==> flow/design.v <==
module sync_compare #(
   parameter DWIDTH = 20
) (
   input wire i_clk,
   input wire valid,
   input wire [DWIDTH-1:0] dataa,
   input wire [DWIDTH-1:0] datab,
   input wire [DWIDTH-1:0] datac,
   output wire in_range
);
   reg r_in_range;
   always @(posedge i_clk) begin
      if (valid) begin
         r_in_range <= (dataa >= datab) && (dataa <= datac);
      end
   end
   assign in_range = r_in_range;
endmodule
Hand-over note for sync_compare

Step by step through the tools: sync_compare

Module sync_compare in several versions that differ in "DWIDTH"; each step lists the members.
The file above is the member DWIDTH 20. Line numbers count from 1 in each member's own file.
Operators: Yosys type, input widths -> output width; for muxes data width and select width s.
Cell names lack the library's common part.
The mark - stands for no value.

Design top: sync_compare
Clock input: i_clk
Standard-cell library: sky130hd
Library corner: tt_025C_1v80

Members of the sweep

New or changed lines of each further member against the RTL above, in its own file; lines it lacks are not shown.

New or changed lines:

| DWIDTH | RTL line | source |
| 36     | 2        | `parameter DWIDTH = 36` |
| 64     | 2        | `parameter DWIDTH = 64` |

After elaboration

Source: Yosys, flattened and elaborated, memories not mapped. Widths are those after wreduce; folded enables and synchronous resets count as part of the registers. Registers that Yosys merges into a memory's read port (data or address) are not register bits. Print and check cells do not count. Equal cells are merged and count once.

Bit counts:

| DWIDTH | bits in registers | latch bits | RAM bits | memory bits (read-only) | word width x clocked read ports | memories | input bits | output and inout bits | elaborated cells |
| 20     | 1                 | 0          | 0        | 0                       | 0                               | 0        | 62         | 1                     | 4 |
| 36     | 1                 | 0          | 0        | 0                       | 0                               | 0        | 110        | 1                     | 4 |
| 64     | 1                 | 0          | 0        | 0                       | 0                               | 0        | 194        | 1                     | 4 |

Operators by class:

| DWIDTH | add/subtract/negate cells | $mul | div/mod/pow operators | magnitude comparators | equal/unequal tests | shift-type cells | muxes and demuxes | bitwise logic cells | reduce/logical cells |
| 20     | 0                         | 0    | 0                     | 2                     | 0                   | 0                | 0                 | 0                   | 1 |
| 36     | 0                         | 0    | 0                     | 2                     | 0                   | 0                | 0                 | 0                   | 1 |
| 64     | 0                         | 0    | 0                     | 2                     | 0                   | 0                | 0                 | 0                   | 1 |

Operators by type and width:

| DWIDTH | kinds with counts |
| 20     | 1 x $ge 20x20->1; 1 x $le 20x20->1; 1 x $logic_and 1x1->1 |
| 36     | 1 x $ge 36x36->1; 1 x $le 36x36->1; 1 x $logic_and 1x1->1 |
| 64     | 1 x $ge 64x64->1; 1 x $le 64x64->1; 1 x $logic_and 1x1->1 |

Logic depth

Longest topological path by Yosys (ltp), each cell counted once; first at word level (registers and memories cut), then after technology mapping (sequential cells cut; the memories' decode and read muxes count).

Logic depth:

| DWIDTH | word-level depth | ABC_AREA | mapped depth | gate-level depth less buffers |
| 20     | 2                | 0        | 7            | 7 |
| 36     | 2                | 0        | 8            | 8 |
| 64     | 2                | 0        | 9            | 9 |

Netlist

The flow's flattened synthesis, as Yosys stat reports it; memories are mapped. The netlist is that of the ABC_AREA named above (0 if unset); the other value can give another one.
Totals and module areas in this step are rounded.

Cell types:

| DWIDTH | type and count |
| 20     | 40 x ha_1; 40 x inv_1; 13 x a21oi_1; 5 x and4_1; 11 x nand2_1; 4 x a21o_1; 1 x edfxtp_1; 5 x o21ai_0; 3 x nand2b_1; 2 x a21o_2; 2 x nand4_1; 1 x nor4_2; 2 x nand3_1; 1 x or4b_1; 1 x a211o_1; 1 x a221oi_1; 1 x a32oi_1; 1 x o2111ai_1; [+7] |
| 36     | 72 x ha_1; 74 x inv_1; 26 x a21oi_1; 9 x a21o_1; 9 x nand4_1; 14 x nand2_1; 10 x nand3_1; 2 x nand4_4; 3 x nand4_2; 1 x edfxtp_1; 3 x a221oi_1; 3 x a211oi_1; 1 x nor4_4; 4 x o21ai_0; 5 x nor2_1; 3 x nor3_1; 1 x nor4_2; 2 x o21ai_1; [+10] |
| 64     | 128 x ha_1; 129 x inv_1; 41 x a21oi_1; 20 x nand4_1; 15 x a21o_1; 26 x nand2_1; 14 x nand3_1; 10 x o21ai_0; 6 x a211oi_1; 12 x nor2_1; 3 x nand4_2; 4 x and4_1; 3 x a221o_1; 1 x edfxtp_1; 2 x a2111o_1; 3 x o211ai_1; 1 x nor4_4; 3 x nor2b_1; [+27] |

The mark [+n] counts cells that are not listed.

Mapped netlist:

| DWIDTH | mapped cells | mapped area (sq um) | sequential area (sq um) | mapped flip-flops | buffers |
| 20     | 141          | 1040                | 30.0                    | 1                 | 0 |
| 36     | 252          | 1870                | 30.0                    | 1                 | 0 |
| 64     | 448          | 3260                | 30.0                    | 1                 | 0 |

Path before layout

OpenSTA on the mapped netlist: ideal clock, no wires. The path of least setup slack (recovery checks aside). Input and output delay are each 20% of the period. Register names are those of the netlist, which keeps one name where synthesis merged equal registers.

Path after synthesis:

| DWIDTH | path type    | start                | end                 | period (ps) | setup slack (ps) | driving pins on the path | delay of the path (ps) | synthesis period reached (ps) |
| 20     | input-to-reg | input port datab[17] | register r_in_range | 2230        | 358              | 6                        | 1427                   | 1872 |
| 36     | input-to-reg | input port datac[17] | register r_in_range | 2330        | 370              | 8                        | 1494                   | 1960 |
| 64     | input-to-reg | input port datab[17] | register r_in_range | 2850        | 458              | 9                        | 1822                   | 2392 |

"delay of the path" = arrival - input delay + setup time.
"driving pins on the path" counts driving pins, that of a launching flip-flop among them; a cell with two outputs on the path counts twice.
"synthesis period reached" is the clock period less the worst setup slack; recovery checks do not enter. This is arithmetic on one report: input and output delays are still those of the set period (20% each).
Between the ends stands the longest chain of elaborated cells between them, by number of cells; it is not shown to be the way that was timed. Of several equally long chains one is given.
Each line given opens the expression or statement behind the cell; cells for indexed reads and writes are added by Yosys, which also makes memories of some case tables.

Between the ends, after synthesis, DWIDTH 20:
Length of the longest elaborated chain: 2

RTL lines, path after synthesis, DWIDTH 20:

| what               | RTL line | source |
| start: declaration | 7        | `input wire [DWIDTH-1:0] datab,` |
| $ge 20x20->1       | 14       | `r_in_range <= (dataa >= datab) && (dataa <= datac);` |
| $logic_and 1x1->1  | 14       |  |
| end: assignment    | 14       |  |
| end: declaration   | 11       | `reg r_in_range;` |

Between the ends, after synthesis, DWIDTH 64:
Length of the longest elaborated chain: 2

RTL lines, path after synthesis, DWIDTH 64:

| what               | RTL line | source |
| start: declaration | 7        | `input wire [DWIDTH-1:0] datab,` |
| $ge 64x64->1       | 14       | `r_in_range <= (dataa >= datab) && (dataa <= datac);` |
| $logic_and 1x1->1  | 14       |  |
| end: assignment    | 14       |  |
| end: declaration   | 11       | `reg r_in_range;` |

Timing after layout

From the final timing report of each member's run: the path of least setup slack in the routed layout; clock arrival at registers is part of the times.
The report prints the path's times to 10 ps; the period is as set.

Path after layout:

| DWIDTH | path type    | start                | end                 | period (ps) | setup slack (ps) | driving pins on the path | data arrival time (ps) | buffers on the path |
| 20     | input-to-reg | input port datab[7]  | register r_in_range | 2230        | 20               | 6                        | 2050                   | 1 |
| 36     | input-to-reg | input port dataa[13] | register r_in_range | 2330        | -30              | 8                        | 2100                   | 1 |
| 64     | input-to-reg | input port dataa[8]  | register r_in_range | 2850        | 80               | 7                        | 2630                   | 2 |

Layout results

Settings and results of one run of the flow (Yosys, OpenROAD) for each member follow. The constraints put input and output delay at 20% of the set period each and load the outputs with 0.01 pF.

CAP_MARGIN: 20
CORE_MARGIN: 2
CORE_UTILIZATION: 40
SLEW_MARGIN: 20

Settings by member:

| DWIDTH | period_ns |
| 20     | 2.23 |
| 36     | 2.33 |
| 64     | 2.85 |

Measured results:

| DWIDTH | post-synthesis cell area (sq um) | overall die area (sq um) | utilization of the finished layout | worst slack on setup checks (ps) | total negative setup slack (ps) | worst hold slack in the final report (ps) |
| 20     | 1040                             | 3030                     | 0.879                              | 18                               | 0                               | 1050 |
| 36     | 1870                             | 5240                     | 0.901                              | -31                              | -31                             | 1060 |
| 64     | 3260                             | 8890                     | 0.798                              | 77                               | 0                               | 1170 |

Values from the reports are rounded here.

End of note.
